==> flow/design.v <==
module subtractor #(
   parameter int DW = 64
) (
   input logic clk,
   input logic srst,
   input logic [DW-1:0] opa_i,
   input logic [DW-1:0] opb_i,
   input logic minus_i,
   output logic [DW-1:0] diff_o
);
   logic [DW-1:0] opa_d1;
   logic [DW-1:0] opb_d1;
   logic minus_d1;
   always_ff @(posedge clk) begin
      if (srst) begin
         opa_d1 <= '0;
         opb_d1 <= '0;
         minus_d1 <= 1'b0;
      end else begin
         opa_d1 <= opa_i;
         opb_d1 <= opb_i;
         minus_d1 <= minus_i;
      end
   end
   logic [DW-1:0] val;
   always_comb begin
      if (minus_d1)
         val = opa_d1 - opb_d1;
      else
         val = opa_d1 + opb_d1;
   end
   always_ff @(posedge clk) begin
      if (srst) begin
         diff_o <= '0;
      end else begin
         diff_o <= val;
      end
   end
endmodule
==> Tool chain data of subtractor <==
The steps from the RTL of subtractor to its reports follow in flow order.
Lines are those of the file above, counted from 1.
Operators carry their Yosys type and port widths (W data, S select, Z words).
{ "inputs": {"top_module": "subtractor", "clock": "clk", "cell_library": "sky130hd", "corner": "tt_025C_1v80"} }

==> Elaborated design <==
Yosys after proc, flatten, opt, wreduce and memory -nomap, before mapping. Enables and synchronous resets that opt folds into registers are not counted as muxes. Memory bits, and registers merged into a memory's read port (data or address), are not among the register bits. Print and check cells are not counted. Equal cells are merged and count once.
{ "word_totals": {"mem_bits_ro": 0, "clocked_rd_ports_x_width": 0, "inputBits": 131, "latch_bits": 0, "reg_bits": 193, "memories": 0, "output_inout_bits": 64, "word_cells": 7, "ram_bits": 0} }
{ "op_classes": {"muxes": 1, "n_mul": 0, "compare": 0, "div_mod_pow": 0, "logic": 0, "n_eq": 0, "reduce_and_logical": 0, "shift": 0, "add_sub_neg": 2} }
{ "op_table": {"columns": ["operator", "count"], "rows": [
  ["$add A64 B64 Y64", 1],
  ["$sub A64 B64 Y64", 1],
  ["$mux W64", 1]
]} }

==> Logic depth <==
Depth = most cells in a row (Yosys ltp): at word level without a register or memory, in the mapped netlist without a sequential cell, where the memories' decode and read muxes count.
{ "depth": {"ltp_word": 2, "abc_area": 1, "mapped_depth": 24, "mapped_depth_nobuf": 24} }

==> Netlist <==
Source: synth_stat.txt of the flow (Yosys; design flattened, memories mapped). It holds for the ABC_AREA given above (unset counts as 0); a run with the other value may have another netlist.
The area totals of this step are shown rounded.
{ "synth_totals": {"seq_area_mm2": 0.003864, "buffers": 31, "area_mm2": 0.01341, "ffs": 193, "stdcells": 2271} }
{ "by_type": {"columns": ["type", "count", "area_total_um2"], "rows": [
  ["sky130_fd_sc_hd__dfxtp_1", 193, 3.86E+03],
  ["sky130_fd_sc_hd__nand2_1", 700, 2627.52],
  ["sky130_fd_sc_hd__inv_1", 495, 1.86E+03],
  ["sky130_fd_sc_hd__nor2_1", 344, 1.29E+03],
  ["sky130_fd_sc_hd__ha_1", 64, 800.768],
  ["sky130_fd_sc_hd__a21oi_1", 109, 545.523],
  ["sky130_fd_sc_hd__nand3_1", 72, 360.346],
  ["sky130_fd_sc_hd__xor2_1", 40, 350.336],
  ["sky130_fd_sc_hd__o21ai_0", 44, 220.211],
  ["sky130_fd_sc_hd__nand2_2", 25, 156.4],
  ["sky130_fd_sc_hd__nor2_2", 23, 143.888],
  ["sky130_fd_sc_hd__nand4_1", 19, 118.864],
  ["sky130_fd_sc_hd__xnor2_1", 12, 105.101],
  ["sky130_fd_sc_hd__nor2_4", 9, 101.347],
  ["sky130_fd_sc_hd__nand3_2", 8, 80.077],
  ["sky130_fd_sc_hd__nand2_4", 7, 78.826],
  ["sky130_fd_sc_hd__clkbuf_1", 20, 75.072],
  ["sky130_fd_sc_hd__nor2_8", 3, 60.058]
]} }
Not listed: further types 25, cells in them 84.

==> Path before layout <==
Path of least setup slack by OpenSTA after synthesis, without wires, with an ideal clock, recovery checks aside; 20% of the period is set as input and as output delay. Where synthesis merged equal registers, the netlist keeps one of their names.
{ "synth_path": {"kind": "register -> register", "start": "reg opb_d1[0]", "end": "reg diff_o[51]", "slack_ps": 2029, "path_delay_ps": 2841, "arrival_ps": 2726, "tclk_ps": 4870, "required_ps": 4755, "stages": 21, "n_path_buf": 0, "setup_time_ps": 115, "t_first_pin_ps": 0, "synth_period_reached_ps": 2841} }
"path_delay_ps" is the arrival time less input delay plus setup time.
"stages": output pins that drive a net of the path, with the launching flip-flop's if there is one; two outputs of one cell count as two.
"synth_period_reached_ps" = period - worst setup slack (recovery checks aside). The figure is calculated, with input and output delays left at 20% of the set period.
The rows between start and end are the longest chain of elaborated cells between them; the timing report does not say that the signal goes this way. Where chains are equally long, one stands for them.
A line is the first line of the expression or statement that the cell stems from. Yosys adds cells for indexed reads and writes and turns some case tables into memories.
{ "synth_between": {"cell_sequence": "sky130_fd_sc_hd__dfxtp_1 -> sky130_fd_sc_hd__inv_1 -> sky130_fd_sc_hd__ha_1 -> sky130_fd_sc_hd__nand3_2 -> sky130_fd_sc_hd__nor2_4 -> sky130_fd_sc_hd__nand2_4 -> sky130_fd_sc_hd__nor2_8 -> sky130_fd_sc_hd__nand2_4 -> sky130_fd_sc_hd__o21ai_4 -> sky130_fd_sc_hd__nand2_1 -> sky130_fd_sc_hd__xor2_1 -> sky130_fd_sc_hd__ha_1 -> sky130_fd_sc_hd__nand2_1 -> sky130_fd_sc_hd__nor2_2 -> sky130_fd_sc_hd__inv_2 -> sky130_fd_sc_hd__nor2_1 -> sky130_fd_sc_hd__nand2_1 -> sky130_fd_sc_hd__nor2_1 -> sky130_fd_sc_hd__nand2_1 -> sky130_fd_sc_hd__a21oi_1 -> sky130_fd_sc_hd__nor2_1", "elab_chain_cells": 2, "cone_cells": 3, "lines_between": 3, "cone_classes": "add/sub (2); mux (1)"} }
{ "synth_rtl": {"columns": ["element", "line_no", "source"], "rows": [
  ["from (decl)", 12, "logic [DW-1:0] opb_d1;"],
  ["from (assign)", 17, "opb_d1 <= '0;"],
  ["from (assign)", 21, "opb_d1 <= opb_i;"],
  ["$add A64 B64 Y64", 30, "val = opa_d1 + opb_d1;"],
  ["$mux W64", 27, "if (minus_d1)"],
  ["to (assign)", 34, "diff_o <= '0;"],
  ["to (assign)", 36, "diff_o <= val;"],
  ["to (decl)", 9, "output logic [DW-1:0] diff_o"]
]} }

==> Timing after layout <==
From the final timing report of flow run A: the path of least setup slack in the routed layout; clock arrival at registers is part of the times.
The path's times are printed in steps of 10 ps; the period is the one set.
{ "layout_path": {"kind": "register -> register", "start": "reg minus_d1", "end": "reg diff_o[59]", "stages": 18, "slack_ps": 3810, "t_first_pin_ps": 490, "required_ps": 8000, "setup_time_ps": 90, "tclk_ps": 7600, "arrival_ps": 4200, "n_path_buf": 2} }
The rows between start and end are the longest chain of elaborated cells between them; the timing report does not say that the signal goes this way. Where chains are equally long, one stands for them.
{ "layout_between": {"cell_sequence": "sky130_fd_sc_hd__dfxtp_1 -> sky130_fd_sc_hd__buf_4 -> sky130_fd_sc_hd__inv_1 -> sky130_fd_sc_hd__buf_4 -> sky130_fd_sc_hd__nand2_1 -> sky130_fd_sc_hd__xor2_1 -> sky130_fd_sc_hd__inv_1 -> sky130_fd_sc_hd__ha_1 -> sky130_fd_sc_hd__nand2_2 -> sky130_fd_sc_hd__nor2_4 -> sky130_fd_sc_hd__inv_2 -> sky130_fd_sc_hd__nor2_1 -> sky130_fd_sc_hd__nand2_1 -> sky130_fd_sc_hd__nor2_1 -> sky130_fd_sc_hd__nand2_1 -> sky130_fd_sc_hd__nand3_1 -> sky130_fd_sc_hd__nand2_1 -> sky130_fd_sc_hd__nor2_1", "elab_chain_cells": 1, "cone_cells": 1, "lines_between": 1, "cone_classes": "mux (1)"} }
{ "layout_rtl": {"columns": ["element", "line_no", "source"], "rows": [
  ["from (decl)", 13, "logic minus_d1;"],
  ["from (assign)", 18, "minus_d1 <= 1'b0;"],
  ["from (assign)", 22, "minus_d1 <= minus_i;"],
  ["$mux W64", 27, "if (minus_d1)"],
  ["to (assign)", 34, "diff_o <= '0;"],
  ["to (assign)", 36, "diff_o <= val;"],
  ["to (decl)", 9, "output logic [DW-1:0] diff_o"]
]} }

Stored flow runs of subtractor (2 of them; Yosys, OpenROAD, sky130hd). They differ in their settings and are not a sequence. Constraints: input delay and output delay 20% of the set period each, output load 0.01 pF.
By "timing.achieved_period_ps" is meant the clock period of the run minus its worst setup slack. This is arithmetic on one report: input and output delays are still those of the set period (20% each).
"worst_path_ps" means the part of the period allowed to the worst setup path (the constraints hold back 20% at inputs and 20% at outputs) less its slack; where the path has registers, the arrival times of their clocks count too.
"totalPower_uw" is the tool's figure for a default switching activity; nothing was simulated.
"worst_path_ps" is known to 10 ps.
Results are given in rounded form.
[
  {
    "run": "flow run A",
    "settings": { "period_ns": 7.6, "CORE_UTILIZATION": 19, "PLACE_DENSITY_LB_ADDON": 0.13, "CELL_PAD_IN_SITES_DETAIL_PLACEMENT": 1, "TNS_END_PERCENT": 60, "ABC_AREA": 1, "CAP_MARGIN": 35, "MIN_ROUTING_LAYER": "met1", "CORE_MARGIN": 2, "SLEW_MARGIN": 20 },
    "results": { "layout_stdcell_area_mm2": 0.01697, "timing.achieved_period_ps": 3793, "worst_setup_slack_ps": 3807, "setup_tns_ps": 0, "worst_path_ps": 3790, "worstPathKind": "register -> register", "design.die.area_mm2": 0.07271, "ys_area_mm2": 0.01341, "finalUtil_pct": 24.3, "timing.hold.ws_ps": 538, "totalPower_uw": 2968 }
  },
  {
    "run": "flow run B",
    "settings": { "period_ns": 4.87, "CAP_MARGIN": 20, "CORE_MARGIN": 2, "CORE_UTILIZATION": 40, "SLEW_MARGIN": 20 },
    "results": { "design.die.area_mm2": 0.02705, "worst_setup_slack_ps": 345, "setup_tns_ps": 0, "finalUtil_pct": 52.1, "worst_path_ps": 4520, "worstPathKind": "register -> register", "layout_stdcell_area_mm2": 0.01315, "ys_area_mm2": 0.0103, "timing.hold.ws_ps": 532, "timing.achieved_period_ps": 4525, "totalPower_uw": 4448 }
  }
]
